==> flow/design.v <==
module subtractor_top (ck, i_rst, x, y, diff, borrow);
  parameter DW = 7;
  input ck;
  input i_rst;
  input [DW-1:0] x;
  input [DW-1:0] y;
  output [DW-1:0] diff;
  output borrow;
  wire [DW:0] work;
  assign work = {1'b0, x} - {1'b0, y};
  reg [DW-1:0] r_diff;
  always @(posedge ck) begin
    if (i_rst) begin
      r_diff <= 0;
    end else begin
      r_diff <= work[DW-1:0];
    end
  end
  assign diff = r_diff;
  reg r_borrow;
  always @(posedge ck) begin
    if (i_rst) begin
      r_borrow <= 1'b0;
    end else begin
      r_borrow <= work[DW];
    end
  end
  assign borrow = r_borrow;
endmodule
; Reports on subtractor_top
; A sweep over "DW": the same steps for each member of the family.
; The RTL above is that of DW = 7; lines are counted from 1 in the file of the member named.
; Cell names lack the library's common part.
; A cell with n/a has no value.
[inputs]
design = subtractor_top
clock_port = ck
library = sky130hd
pvt_corner = tt_025C_1v80

; Members of the sweep
; Lines of each other member's file that are new or changed against the file above; lines that a member lacks are not shown.
[changed_lines]
columns = DW, line
row1 = 32, 2  ; parameter DW = 32;
row2 = 128, 2  ; parameter DW = 128;

; Word-level counts
; Yosys after proc, flatten, opt, wreduce and memory -nomap, before mapping. Enables and synchronous resets that opt folds into registers are not counted as muxes. Memory bits, and registers merged into a memory's read port (data or address), are not among the register bits. Print and check cells are not counted. Equal cells are merged and count once.
[bits]
columns = DW, register_bits, input_bits, out_inout_bits, word_cells
row1 = 7, 8, 16, 8, 3
row2 = 32, 33, 66, 33, 3
row3 = 128, 129, 258, 129, 3
[op_classes]
columns = DW, addsub
row1 = 7, 1
row2 = 32, 1
row3 = 128, 1
[ops]
columns = DW, op_list
row1 = 7, 1 x subtractor 7 x 7 -> 8 bit
row2 = 32, 1 x subtractor 32 x 32 -> 33 bit
row3 = 128, 1 x subtractor 128 x 128 -> 129 bit

; Depth
; Longest topological path by Yosys (ltp), each cell counted once; first at word level (registers and memories cut), then after technology mapping (sequential cells cut; the memories' decode and read muxes count).
[depth]
columns = DW, ltp_word, abc_area, depth_mapped, mapped_depth_nobuf
row1 = 7, 1, 0, 8, 8
row2 = 32, 1, 0, 11, 11
row3 = 128, 1, 0, 15, 15

; Netlist
; The flow's flattened synthesis, as Yosys stat reports it; memories are mapped. The netlist is that of the ABC_AREA named above (0 if unset); the other value can give another one.
; Totals and module areas in this step are rounded.
[synth_totals]
columns = DW, cells, yosys_area_um2, seq_area_um2, ff_cells, n_buf
row1 = 7, 57, 531, 160, 8, 1
row2 = 32, 355, 2800, 661, 33, 14
row3 = 128, 1724, 12200, 2580, 129, 80
[by_type]
columns = DW, cell_types
row1 = 7, 8 x dfxtp_1; 7 x ha_1; 9 x inv_1; 3 x nor3b_1; 1 x fa_1; 2 x xnor2_1; 1 x a2111oi_2; 2 x a21o_1; 3 x nor3_1; 2 x o21a_1; 1 x buf_6; 3 x nor2_1; 2 x a21oi_1; 1 x mux2i_1; 1 x a21oi_2; 1 x and2b_2; 1 x nand2b_2; 1 x nor4b_1; [+8]
row2 = 32, 33 x dfxtp_1; 32 x ha_1; 49 x nor2_1; 30 x a21oi_1; 37 x inv_1; 13 x xnor2_1; 14 x a21o_1; 27 x nand2_1; 10 x xor2_1; 5 x buf_6; 5 x mux2_1; 9 x nor2b_1; 11 x o21ai_0; 6 x o21a_1; 6 x nand4_1; 5 x a31oi_1; 4 x a211oi_1; 3 x a31o_2; [+56]
row3 = 128, 129 x dfxtp_1; 128 x ha_1; 194 x a21oi_1; 235 x nor2_1; 178 x inv_1; 70 x xnor2_1; 152 x nand2_1; 58 x a21o_1; 49 x xor2_1; 67 x nand4_1; 83 x o21ai_0; 47 x o21bai_1; 74 x clkbuf_1; 31 x nor3_1; 20 x o21a_1; 12 x o31ai_1; 12 x nand2b_1; 11 x a31oi_1; [+174]
; The mark [+n] counts cells that are not listed.

; Timing after synthesis
; Source: OpenSTA report_checks on the synthesized netlist (no wires, ideal clock, input and output delay 20% of the period each), path of least setup slack; recovery checks are left aside. Register names are those of the netlist, which keeps one name where synthesis merged equal registers.
[synth_path]
columns = DW, path_type, start, end, clock_period_ns, slack_ns, driving_pins, path_delay_ns, period_less_setup_slack_ns
row1 = 7, input -> register, in x[0], reg r_diff[4], 1.93, 0.308, 8, 1.236, 1.622
row2 = 32, input -> register, in x[0], reg r_diff[30], 3.31, 0.530, 11, 2.118, 2.78
row3 = 128, input -> register, in x[0], reg r_diff[60], 4.4, 0.704, 15, 2.817, 3.696
; "path_delay_ns" = arrival - input delay + setup time.
; "driving_pins": output pins that drive a net of the path, with the launching flip-flop's if there is one; two outputs of one cell count as two.
; "period_less_setup_slack_ns" = period - worst setup slack (recovery checks aside). The figure is calculated, with input and output delays left at 20% of the set period.
; The rows between start and end are the longest chain of elaborated cells between them; the timing report does not say that the signal goes this way. Where chains are equally long, one stands for them.
; Each line given opens the expression or statement behind the cell; cells for indexed reads and writes are added by Yosys, which also makes memories of some case tables.
[synth_between_DW_7]
elab_chain_len = 1
[synth_rtl_DW_7]
columns = item, line
row1 = from (decl), 5  ; input [DW-1:0] x;
row2 = subtractor 7 x 7 -> 8 bit, 10  ; assign work = {1'b0, x} - {1'b0, y};
row3 = to (assign), 14  ; r_diff <= 0;
row4 = to (assign), 16  ; r_diff <= work[DW-1:0];
row5 = to (decl), 11  ; reg [DW-1:0] r_diff;
[synth_between_DW_128]
elab_chain_len = 1
[synth_rtl_DW_128]
columns = item, line
row1 = from (decl), 5  ; input [DW-1:0] x;
row2 = subtractor 128 x 128 -> 129 bit, 10  ; assign work = {1'b0, x} - {1'b0, y};
row3 = to (assign), 14  ; r_diff <= 0;
row4 = to (assign), 16  ; r_diff <= work[DW-1:0];
row5 = to (decl), 11  ; reg [DW-1:0] r_diff;

; Timing after layout
; From the final timing report of each member's run: the path of least setup slack in the routed layout; clock arrival at registers is part of the times.
[layout_path]
columns = DW, path_type, start, end, clock_period_ns, slack_ns, driving_pins, arrival_ns, n_path_buf
row1 = 7, input -> register, in y[0], reg r_diff[4], 1.93, 0.15, 8, 1.92, 1
row2 = 32, input -> register, in x[0], reg r_diff[26], 3.31, 0.24, 13, 3.23, 2
row3 = 128, input -> register, in y[8], reg r_diff[127], 4.4, 0.18, 16, 4.54, 3

; Flow runs
; One run of the flow (Yosys, OpenROAD) for each member, with settings and measured results. Input and output delays are each 20% of the period that was set; the output load is 0.01 pF.
[flow_settings]
CAP_MARGIN = 20
CORE_MARGIN = 2
CORE_UTILIZATION = 40
SLEW_MARGIN = 20
[settings_by_member]
columns = DW, period_ns
row1 = 7, 1.93
row2 = 32, 3.31
row3 = 128, 4.4
[measured]
columns = DW, synth_area_um2, total_die_area_um2, final_cell_area_um2, utilization_pct, timing.setup.ws_ns, final_hold_ws_ns, final_power_uw, period_reached_ns
row1 = 7, 531, 1630, 846, 66.7, 0.148, 0.777, 504, 1.782
row2 = 32, 2800, 7670, 4130, 60.7, 0.244, 1.02, 1460, 3.066
row3 = 128, 12200, 32000, 18900, 62.2, 0.183, 0.964, 5550, 4.217
; By "period_reached_ns" is meant the clock period of the run minus its worst setup slack. This is arithmetic on one report: input and output delays are still those of the set period (20% each).
; "final_power_uw" rests on the timing tool's default activity at the inputs, not on a simulated workload.
; Values from the reports are rounded here.
